==> flow/design.v <==
module u_adder_p #(
  parameter DW = 24
) (
  input  core_clk,
  input  clr,
  input  [DW-1:0] in_da,
  input  [DW-1:0] in_db,
  input  in_cin,
  output [DW-1:0] out_s,
  output out_co
);
  wire [DW-1:0] nxt;
  wire [DW:0] carry;
  assign carry[0] = in_cin;
  genvar g;
  generate
    for (g = 0; g < DW; g = g + 1) begin : slice
      assign nxt[g] = in_da[g] ^ in_db[g] ^ carry[g];
      assign carry[g+1] = (in_da[g] & in_db[g]) | (carry[g] & (in_da[g] ^ in_db[g]));
    end
  endgenerate
  reg [DW-1:0] s_reg;
  always @(posedge core_clk or posedge clr) begin
    if (clr) begin
      s_reg <= 0;
    end else begin
      s_reg <= nxt;
    end
  end
  assign out_s = s_reg;
  reg co_reg;
  always @(posedge core_clk or posedge clr) begin
    if (clr) begin
      co_reg <= 1'b0;
    end else begin
      co_reg <= carry[DW];
    end
  end
  assign out_co = co_reg;
endmodule
* Tool chain data of u_adder_p *
The steps from the RTL of u_adder_p to its reports follow in flow order.
Line numbers count from 1 in the design file above.
Library cell names are shortened.
The mark n/a stands for no value.

design
  top module = u_adder_p
  clock input = core_clk
  library = sky130hd
  library corner = tt_025C_1v80

* Word-level counts *
Yosys after proc, flatten, opt, wreduce and memory -nomap, before mapping. Enables and synchronous resets that opt folds into registers are not counted as muxes. Memory bits, and registers merged into a memory's read port (data or address), are not among the register bits. Print and check cells are not counted. Equal cells are merged and count once.

storage and ports
  word-level cells = 122
  input bits = 51
  output and inout port bits = 25
  flip-flop bits (word level) = 25

operators by class
  bitwise operators = 120

operator list
  cell               number
  bitwise AND 1 bit  48
  bitwise XOR 1 bit  48
  bitwise OR 1 bit   24

* Depth *
Longest topological path by Yosys (ltp), each cell counted once; first at word level (registers and memories cut), then after technology mapping (sequential cells cut; the memories' decode and read muxes count).

depth
  depth in word-level cells = 49
  ABC_AREA = 0
  mapped depth = 28
  mapped depth without buffers = 28

* Synthesis result *
Yosys stat after the flow's synthesis: flattened, memories mapped to cells. It holds for the ABC_AREA given above (unset counts as 0); a run with the other value may have another netlist.
Totals and module areas in this step are rounded.

synthesis totals
  standard cells after synthesis = 60
  flip-flops = 25
  buffer cells = 0
  cell area after synthesis = 1150 µm²
  sequential area = 626 µm²

cells by type
  cell type  number  total area (µm²)
  dfrtp_1    25      625.6
  fa_1       24      480.461
  inv_1      11      41.29

* Worst setup path after synthesis *
OpenSTA on the mapped netlist: ideal clock, no wires. The path of least setup slack (recovery checks aside). Input and output delay are each 20% of the period. Register names are those of the netlist, which keeps one name where synthesis merged equal registers.

timing after synthesis
  kind = input to register
  start point = input in_da[0]
  end point = register s_reg[23]
  external input delay = 2860 ps
  path slack = 2275 ps
  clock period = 14300 ps
  launch time at the first pin = 2860 ps
  buffers on the path = 0
  library setup time = 64 ps
  required time = 14236 ps
  stages on the path = 28
  arrival = 11961 ps
  path delay = 9165 ps
  period reached after synthesis = 12025 ps

"path delay" = arrival - input delay + setup time.
"stages on the path" counts driving pins, that of a launching flip-flop among them; a cell with two outputs on the path counts twice.
"period reached after synthesis" = period - worst setup slack (recovery checks aside). The figure is calculated, with input and output delays left at 20% of the set period.
The rows between start and end are the longest chain of elaborated cells between them; the timing report does not say that the signal goes this way. Where chains are equally long, one stands for them.
Each line given opens the expression or statement behind the cell; cells for indexed reads and writes are added by Yosys, which also makes memories of some case tables.

on the way, after synthesis
  cell sequence = fa_1 -> fa_1 -> fa_1 -> fa_1 -> fa_1 -> fa_1 -> fa_1 -> fa_1 -> fa_1 -> fa_1 -> fa_1 -> fa_1 -> fa_1 -> fa_1 -> fa_1 -> fa_1 -> fa_1 -> fa_1 -> fa_1 -> fa_1 -> fa_1 -> inv_1 -> fa_1 -> inv_1 -> fa_1 -> inv_1 -> fa_1 -> inv_1
  length of the longest elaborated chain = 48
  elaborated cells between the ends (all ways) = 49
  classes of those cells = logic: 49

RTL lines, path after synthesis
  what               line  text
  from (decl)        6     input  [DW-1:0] in_da,
  bitwise XOR 1 bit  19    assign carry[g+1] = (in_da[g] & in_db[g]) | (carry[g] & (in_da[g] ^ in_db[g]));
  bitwise AND 1 bit  19
  bitwise OR 1 bit   19
  bitwise AND 1 bit  19
  bitwise OR 1 bit   19
  bitwise AND 1 bit  19
  bitwise OR 1 bit   19
  (+34 left out)     n/a
  bitwise AND 1 bit  19
  bitwise OR 1 bit   19
  bitwise AND 1 bit  19
  bitwise OR 1 bit   19
  bitwise AND 1 bit  19
  bitwise OR 1 bit   19
  bitwise XOR 1 bit  18    assign nxt[g] = in_da[g] ^ in_db[g] ^ carry[g];
  to (assign)        25    s_reg <= 0;
  to (assign)        27    s_reg <= nxt;
  to (decl)          22    reg [DW-1:0] s_reg;

* Worst path after layout *
From the final timing report of record 3: the path of least setup slack in the routed layout; clock arrival at registers is part of the times.
The report prints the path's times to 10 ps; the period is as set.

timing after layout
  kind = input to register
  start point = input in_da[0]
  end point = register s_reg[23]
  stages on the path = 29
  buffers on the path = 1
  arrival = 12690 ps
  required time = 14560 ps
  external input delay = 2860 ps
  launch time at the first pin = 2860 ps
  library setup time = 50 ps
  path slack = 1870 ps
  clock period = 14300 ps

The rows between start and end are the longest chain of elaborated cells between them; the timing report does not say that the signal goes this way. Where chains are equally long, one stands for them.

on the way, after layout
  cell sequence = clkdlybuf4s50_1 -> fa_1 -> fa_1 -> fa_1 -> fa_1 -> fa_1 -> fa_1 -> fa_1 -> fa_1 -> fa_1 -> fa_1 -> fa_1 -> fa_1 -> fa_1 -> fa_1 -> fa_1 -> fa_1 -> fa_1 -> fa_1 -> fa_1 -> fa_1 -> fa_1 -> inv_1 -> fa_1 -> inv_1 -> fa_1 -> inv_1 -> fa_1 -> inv_1
  length of the longest elaborated chain = 48
  elaborated cells between the ends (all ways) = 49
  classes of those cells = logic: 49

RTL lines, path after layout
  what               line  text
  from (decl)        6     input  [DW-1:0] in_da,
  bitwise XOR 1 bit  19    assign carry[g+1] = (in_da[g] & in_db[g]) | (carry[g] & (in_da[g] ^ in_db[g]));
  bitwise AND 1 bit  19
  bitwise OR 1 bit   19
  bitwise AND 1 bit  19
  bitwise OR 1 bit   19
  bitwise AND 1 bit  19
  bitwise OR 1 bit   19
  (+34 left out)     n/a
  bitwise AND 1 bit  19
  bitwise OR 1 bit   19
  bitwise AND 1 bit  19
  bitwise OR 1 bit   19
  bitwise AND 1 bit  19
  bitwise OR 1 bit   19
  bitwise XOR 1 bit  18    assign nxt[g] = in_da[g] ^ in_db[g] ^ carry[g];
  to (assign)        25    s_reg <= 0;
  to (assign)        27    s_reg <= nxt;
  to (decl)          22    reg [DW-1:0] s_reg;

Flow measurements of u_adder_p on sky130hd: 3 stored runs with different settings, listed in no order. Input and output delays are each 20% of the period that was set; the output load is 0.01 pF.
"achieved clock period": clock period set for the run, less the worst setup slack. It is reckoned from that one timing run; input and output delays stay at 20% of the period that was set.
"allowed time less slack (worst setup path)" = time allowed to the worst setup path (clock period - input delay - output delay, where it has them) - its slack; a late launch clock adds to it, a late capture clock takes from it.
"total power after layout" is the tool's figure for a default switching activity; nothing was simulated.
"allowed time less slack (worst setup path)" is known to 10 ps.
The measured numbers are rounded.
A setting shown as . is not set for that run.
Results: . = not shown.

name                                             record 1  record 2  record 3
period_ns                                        19.2      20.9      14.3
CORE_UTILIZATION                                 70        66        40
SETUP_SLACK_MARGIN                               -0.26     -0.47     .
PLACE_DENSITY_LB_ADDON                           0.26      .         .
CELL_PAD_IN_SITES_GLOBAL_PLACEMENT               2         .         .
ABC_AREA                                         0         .         .
GPL_TIMING_DRIVEN                                1         1         .
GPL_ROUTABILITY_DRIVEN                           1         .         .
CTS_CLUSTER_DIAMETER                             251       228       .
CAP_MARGIN                                       20        25        20
CORE_MARGIN                                      2         2         2
SLEW_MARGIN                                      20        20        20
PLACE_DENSITY                                    .         0.89      .
CELL_PAD_IN_SITES_DETAIL_PLACEMENT               .         1         .
MIN_ROUTING_LAYER                                .         met2      .
MAX_ROUTING_LAYER                                .         met5      .
standard-cell area after routing (µm²)           .         .         1980
allowed time less slack (worst setup path) (ps)  .         .         9570
kind of the worst setup path                     .         .         input to register
achieved clock period (ps)                       .         .         12433
utilization of the finished layout               .         .         0.724
total negative setup slack (ps)                  .         .         0
area of the synthesized netlist (µm²)            .         .         1150
total power after layout (uW)                    .         .         185
setup slack of the critical path (ps)            .         .         1870
area of the die (µm²)                            .         .         3310

Record 1: not finished: placement ended with error FLW-0024
Record 2: not finished: placement ended with error GPL-0301
